==> flow/design.v <==
module ex_mult #(
  parameter integer BITS = 14,
  parameter integer SCALE = 11585,
  parameter integer RES_W = BITS + $clog2(SCALE + 1)
) (
  input  logic core_clk,
  input  logic [BITS-1:0] u,
  output logic [RES_W-1:0] res
);
  logic [BITS-1:0] u_s;
  always_ff @(posedge core_clk)
    u_s <= u;
  always_ff @(posedge core_clk)
    res <= u_s * SCALE;
endmodule
==> reports on ex_mult <==
Reports on ex_mult:

A sweep over "BITS": the same steps for each member of the family.
The file above is the member BITS 14. Line numbers count from 1 in each member's own file.
Cell names lack the library's common part.
A cell with - has no value.

* top module: ex_mult
* clock: core_clk
* standard-cell library: sky130hd
* corner: tt_025C_1v80

Members of the sweep:

Lines of each other member's file that are new or changed against the file above; lines that a member lacks are not shown.

Lines new or changed
* BITS 20: line 2 `parameter integer BITS = 20,`
* BITS 32: line 2 `parameter integer BITS = 32,`
* BITS 36: line 2 `parameter integer BITS = 36,`
* BITS 40: line 2 `parameter integer BITS = 40,`
* BITS 64: line 2 `parameter integer BITS = 64,`

Word level:

Source: Yosys, flattened and elaborated, memories not mapped. Widths are those after wreduce; folded enables and synchronous resets count as part of the registers. Registers that Yosys merges into a memory's read port (data or address) are not register bits. Print and check cells do not count. Equal cells are merged and count once.

Operators by class (multipliers)
* BITS 14: 1
* BITS 20: 1
* BITS 32: 1
* BITS 36: 1
* BITS 40: 1
* BITS 64: 1

Operators with widths (kinds with counts)
* BITS 14: 1 x 14-bit by 14-bit multiplier with 28-bit output (second input constant)
* BITS 20: 1 x 20-bit by 14-bit multiplier with 34-bit output (second input constant)
* BITS 32: 1 x 32-bit by 14-bit multiplier with 46-bit output (second input constant)
* BITS 36: 1 x 36-bit by 14-bit multiplier with 50-bit output (second input constant)
* BITS 40: 1 x 40-bit by 14-bit multiplier with 54-bit output (second input constant)
* BITS 64: 1 x 64-bit by 14-bit multiplier with 78-bit output (second input constant)

Word-level totals
* BITS 14: word-level cells 3, bits of input ports 15, register bits after elaboration 42, output and inout port bits 28
* BITS 20: word-level cells 3, bits of input ports 21, register bits after elaboration 54, output and inout port bits 34
* BITS 32: word-level cells 3, bits of input ports 33, register bits after elaboration 78, output and inout port bits 46
* BITS 36: word-level cells 3, bits of input ports 37, register bits after elaboration 86, output and inout port bits 50
* BITS 40: word-level cells 3, bits of input ports 41, register bits after elaboration 94, output and inout port bits 54
* BITS 64: word-level cells 3, bits of input ports 65, register bits after elaboration 142, output and inout port bits 78

Depth:

Longest topological path by Yosys (ltp), each cell counted once; first at word level (registers and memories cut), then after technology mapping (sequential cells cut; the memories' decode and read muxes count).

Logic depth
* BITS 14: depth after elaboration 1, ABC_AREA 0, mapped depth 17, mapped depth without buffers 16
* BITS 20: depth after elaboration 1, ABC_AREA 0, mapped depth 19, mapped depth without buffers 18
* BITS 32: depth after elaboration 1, ABC_AREA 0, mapped depth 20, mapped depth without buffers 20
* BITS 36: depth after elaboration 1, ABC_AREA 0, mapped depth 20, mapped depth without buffers 19
* BITS 40: depth after elaboration 1, ABC_AREA 0, mapped depth 20, mapped depth without buffers 19
* BITS 64: depth after elaboration 1, ABC_AREA 0, mapped depth 24, mapped depth without buffers 23

After synthesis:

Yosys stat after the flow's synthesis: flattened, memories mapped to cells. It holds for the ABC_AREA given above (unset counts as 0); a run with the other value may have another netlist.

Mapped netlist
* BITS 14: buffer cells 8, mapped cells 401, sequential part of the area 840.8 µm², flip-flop cells 42, synthesis area 3990.1 µm²
* BITS 20: buffer cells 4, mapped cells 513, sequential part of the area 1081.0 µm², flip-flop cells 54, synthesis area 5196.2 µm²
* BITS 32: buffer cells 5, mapped cells 811, sequential part of the area 1561.5 µm², flip-flop cells 78, synthesis area 8260.4 µm²
* BITS 36: buffer cells 7, mapped cells 921, sequential part of the area 1721.7 µm², flip-flop cells 86, synthesis area 9148.8 µm²
* BITS 40: buffer cells 18, mapped cells 1054, sequential part of the area 1881.8 µm², flip-flop cells 94, synthesis area 10362.4 µm²
* BITS 64: buffer cells 25, mapped cells 1641, sequential part of the area 2842.7 µm², flip-flop cells 142, synthesis area 16196.8 µm²

Cells by type (type and count)
* BITS 14: 96 x ha_1; 42 x dfxtp_1; 32 x fa_1; 68 x inv_1; 16 x xor2_1; 20 x a21oi_1; 23 x nand2_1; 7 x xnor2_1; 12 x o21ai_0; 7 x a21o_1; 6 x o211ai_1; 8 x nand3_1; 6 x buf_2; 3 x mux2i_1; 7 x nor2_1; 2 x a211oi_2; 4 x and2_1; 5 x nor3_1; [+37]
* BITS 20: 118 x ha_1; 59 x fa_1; 54 x dfxtp_1; 119 x inv_1; 31 x a21oi_1; 17 x xnor2_1; 10 x xor2_1; 20 x nand2_1; 9 x a21o_1; 13 x o21ai_0; 16 x nor2_1; 4 x o21bai_1; 3 x a31o_2; 4 x nand4_1; 3 x a211oi_1; 3 x o211ai_1; 3 x o21a_1; 1 x o311a_4; [+26]
* BITS 32: 178 x ha_1; 93 x fa_1; 78 x dfxtp_1; 181 x inv_1; 44 x xor2_1; 31 x a21o_1; 23 x xnor2_1; 32 x a21oi_1; 27 x nand2_1; 15 x and2_1; 10 x o21ai_1; 9 x nand3_1; 7 x a31oi_1; 11 x nor2_1; 6 x nand4_1; 5 x o21a_1; 5 x o21bai_1; 4 x and4_1; [+52]
* BITS 36: 122 x fa_1; 182 x ha_1; 86 x dfxtp_1; 258 x inv_1; 25 x xnor2_1; 43 x a21oi_1; 17 x xor2_1; 31 x nand2_1; 22 x o21ai_0; 14 x a21o_1; 17 x nor2_1; 7 x o21a_1; 7 x o21bai_1; 9 x nand3_1; 7 x and3_1; 7 x nand4_1; 6 x a31oi_1; 2 x a41oi_2; [+59]
* BITS 40: 132 x fa_1; 204 x ha_1; 94 x dfxtp_1; 269 x inv_1; 27 x xnor2_1; 25 x xor2_1; 42 x a21oi_1; 27 x a21o_1; 38 x nand2_1; 35 x nor2_1; 25 x o21ai_0; 13 x nand4_1; 9 x o21bai_1; 7 x a21oi_2; 7 x a211oi_1; 14 x clkbuf_1; 7 x o211ai_1; 10 x nand3_1; [+69]
* BITS 64: 210 x fa_1; 310 x ha_1; 142 x dfxtp_1; 360 x inv_1; 61 x xor2_1; 60 x xnor2_1; 62 x a21o_1; 85 x a21oi_1; 75 x nand2_1; 45 x o21ai_0; 47 x nor2_1; 28 x nand4_1; 18 x o21bai_1; 19 x and2_1; 19 x clkbuf_1; 10 x a31oi_1; 6 x o31ai_1; 8 x nor3_1; [+76]

A list marked [+n] leaves out that many cells.

Worst setup path after synthesis:

Path of least setup slack by OpenSTA after synthesis, without wires, with an ideal clock, recovery checks aside; 20% of the period is set as input and as output delay. Where synthesis merged equal registers, the netlist keeps one of their names.

Timing after synthesis
* BITS 14: path kind reg2reg, from register u_s[5], to register res[20], path delay 4.294 ns, period 5.37 ns, stages on the path 16, slack 1.077 ns, period reached after synthesis 4.293 ns
* BITS 20: path kind reg2reg, from register u_s[7], to register res[26], path delay 4.712 ns, period 5.89 ns, stages on the path 19, slack 1.178 ns, period reached after synthesis 4.712 ns
* BITS 32: path kind reg2reg, from register u_s[1], to register res[37], path delay 4.887 ns, period 6.11 ns, stages on the path 19, slack 1.223 ns, period reached after synthesis 4.887 ns
* BITS 36: path kind reg2reg, from register u_s[1], to register res[42], path delay 5.136 ns, period 6.42 ns, stages on the path 20, slack 1.284 ns, period reached after synthesis 5.136 ns
* BITS 40: path kind reg2reg, from register u_s[17], to register res[51], path delay 5.036 ns, period 6.3 ns, stages on the path 20, slack 1.264 ns, period reached after synthesis 5.036 ns
* BITS 64: path kind reg2reg, from register u_s[7], to register res[77], path delay 5.364 ns, period 6.71 ns, stages on the path 23, slack 1.346 ns, period reached after synthesis 5.364 ns

"path delay" is the arrival time less input delay plus setup time.
"stages on the path" counts driving pins, that of a launching flip-flop among them; a cell with two outputs on the path counts twice.
"period reached after synthesis" is the clock period less the worst setup slack; recovery checks do not enter. This is arithmetic on one report: input and output delays are still those of the set period (20% each).
The rows between start and end are the longest chain of elaborated cells between them; the timing report does not say that the signal goes this way. Where chains are equally long, one stands for them.
A line is the first line of the expression or statement that the cell stems from. Yosys adds cells for indexed reads and writes and turns some case tables into memories.

Between the ends, after synthesis, BITS 14:
* cells in the longest elaborated chain: 1

RTL lines, path after synthesis, BITS 14
* from (decl): line 10 `logic [BITS-1:0] u_s;`
* from (assign): line 12 `u_s <= u;`
* 14-bit by 14-bit multiplier with 28-bit output: line 14 `res <= u_s * SCALE;`
* to (assign): line 14
* to (decl): line 8 `output logic [RES_W-1:0] res`

Between the ends, after synthesis, BITS 64:
* cells in the longest elaborated chain: 1

RTL lines, path after synthesis, BITS 64
* from (decl): line 10 `logic [BITS-1:0] u_s;`
* from (assign): line 12 `u_s <= u;`
* 64-bit by 14-bit multiplier with 78-bit output: line 14 `res <= u_s * SCALE;`
* to (assign): line 14
* to (decl): line 8 `output logic [RES_W-1:0] res`

Path in the finished layout:

Path of least setup slack in the final report of the run of each member (OpenROAD, finished layout, wires in). Where an end is a register, its clock arrival counts in the times.

Timing after layout
* BITS 14: path kind reg2reg, from register u_s[5], to register res[21], slack 0.68 ns, period 5.37 ns, buffers on the path 0, stages on the path 16, arrival 4.88 ns
* BITS 20: path kind reg2reg, from register u_s[1], to register res[26], slack 0.58 ns, period 5.89 ns, buffers on the path 0, stages on the path 19, arrival 5.54 ns
* BITS 32: path kind reg2reg, from register u_s[8], to register res[39], slack 0.71 ns, period 6.11 ns, buffers on the path 0, stages on the path 20, arrival 5.64 ns
* BITS 36: path kind reg2reg, from register u_s[1], to register res[32], slack 0.86 ns, period 6.42 ns, buffers on the path 0, stages on the path 20, arrival 5.82 ns
* BITS 40: path kind reg2reg, from register u_s[20], to register res[51], slack 0.63 ns, period 6.3 ns, buffers on the path 0, stages on the path 20, arrival 5.98 ns
* BITS 64: path kind reg2reg, from register u_s[26], to register res[72], slack 0.44 ns, period 6.71 ns, buffers on the path 0, stages on the path 21, arrival 6.67 ns

Layout results:

Settings and results of one run of the flow (Yosys, OpenROAD) for each member follow. The constraints put input and output delay at 20% of the set period each and load the outputs with 0.01 pF.

* CAP_MARGIN: 20
* CORE_MARGIN: 2
* CORE_UTILIZATION: 40
* SLEW_MARGIN: 20

Settings that differ (period_ns)
* BITS 14: 5.37
* BITS 20: 5.89
* BITS 32: 6.11
* BITS 36: 6.42
* BITS 40: 6.3
* BITS 64: 6.71

Measured results
* BITS 14: standard-cell area after routing 4625.7 µm², netlist area reported by Yosys 3990.1 µm², final worst hold slack 0.416 ns, reached clock period 4.687 ns, total die area 10790.0 µm², worst setup slack after layout 0.683 ns, total negative setup slack 0.000 ns, utilization of the finished layout 0.475
* BITS 20: standard-cell area after routing 6105.9 µm², netlist area reported by Yosys 5196.2 µm², final worst hold slack 0.382 ns, reached clock period 5.306 ns, total die area 13918.1 µm², worst setup slack after layout 0.584 ns, total negative setup slack 0.000 ns, utilization of the finished layout 0.482
* BITS 32: standard-cell area after routing 9681.8 µm², netlist area reported by Yosys 8260.4 µm², final worst hold slack 0.425 ns, reached clock period 5.404 ns, total die area 21816.8 µm², worst setup slack after layout 0.706 ns, total negative setup slack 0.000 ns, utilization of the finished layout 0.478
* BITS 36: standard-cell area after routing 10610.2 µm², netlist area reported by Yosys 9148.8 µm², final worst hold slack 0.382 ns, reached clock period 5.563 ns, total die area 24097.9 µm², worst setup slack after layout 0.857 ns, total negative setup slack 0.000 ns, utilization of the finished layout 0.47
* BITS 40: standard-cell area after routing 11930.2 µm², netlist area reported by Yosys 10362.4 µm², final worst hold slack 0.386 ns, reached clock period 5.675 ns, total die area 27210.2 µm², worst setup slack after layout 0.625 ns, total negative setup slack 0.000 ns, utilization of the finished layout 0.471
* BITS 64: standard-cell area after routing 18774.3 µm², netlist area reported by Yosys 16196.8 µm², final worst hold slack 0.411 ns, reached clock period 6.270 ns, total die area 42117.3 µm², worst setup slack after layout 0.440 ns, total negative setup slack 0.000 ns, utilization of the finished layout 0.471

"reached clock period" is the run's clock period less its worst setup slack. It is reckoned from that one timing run; input and output delays stay at 20% of the period that was set.
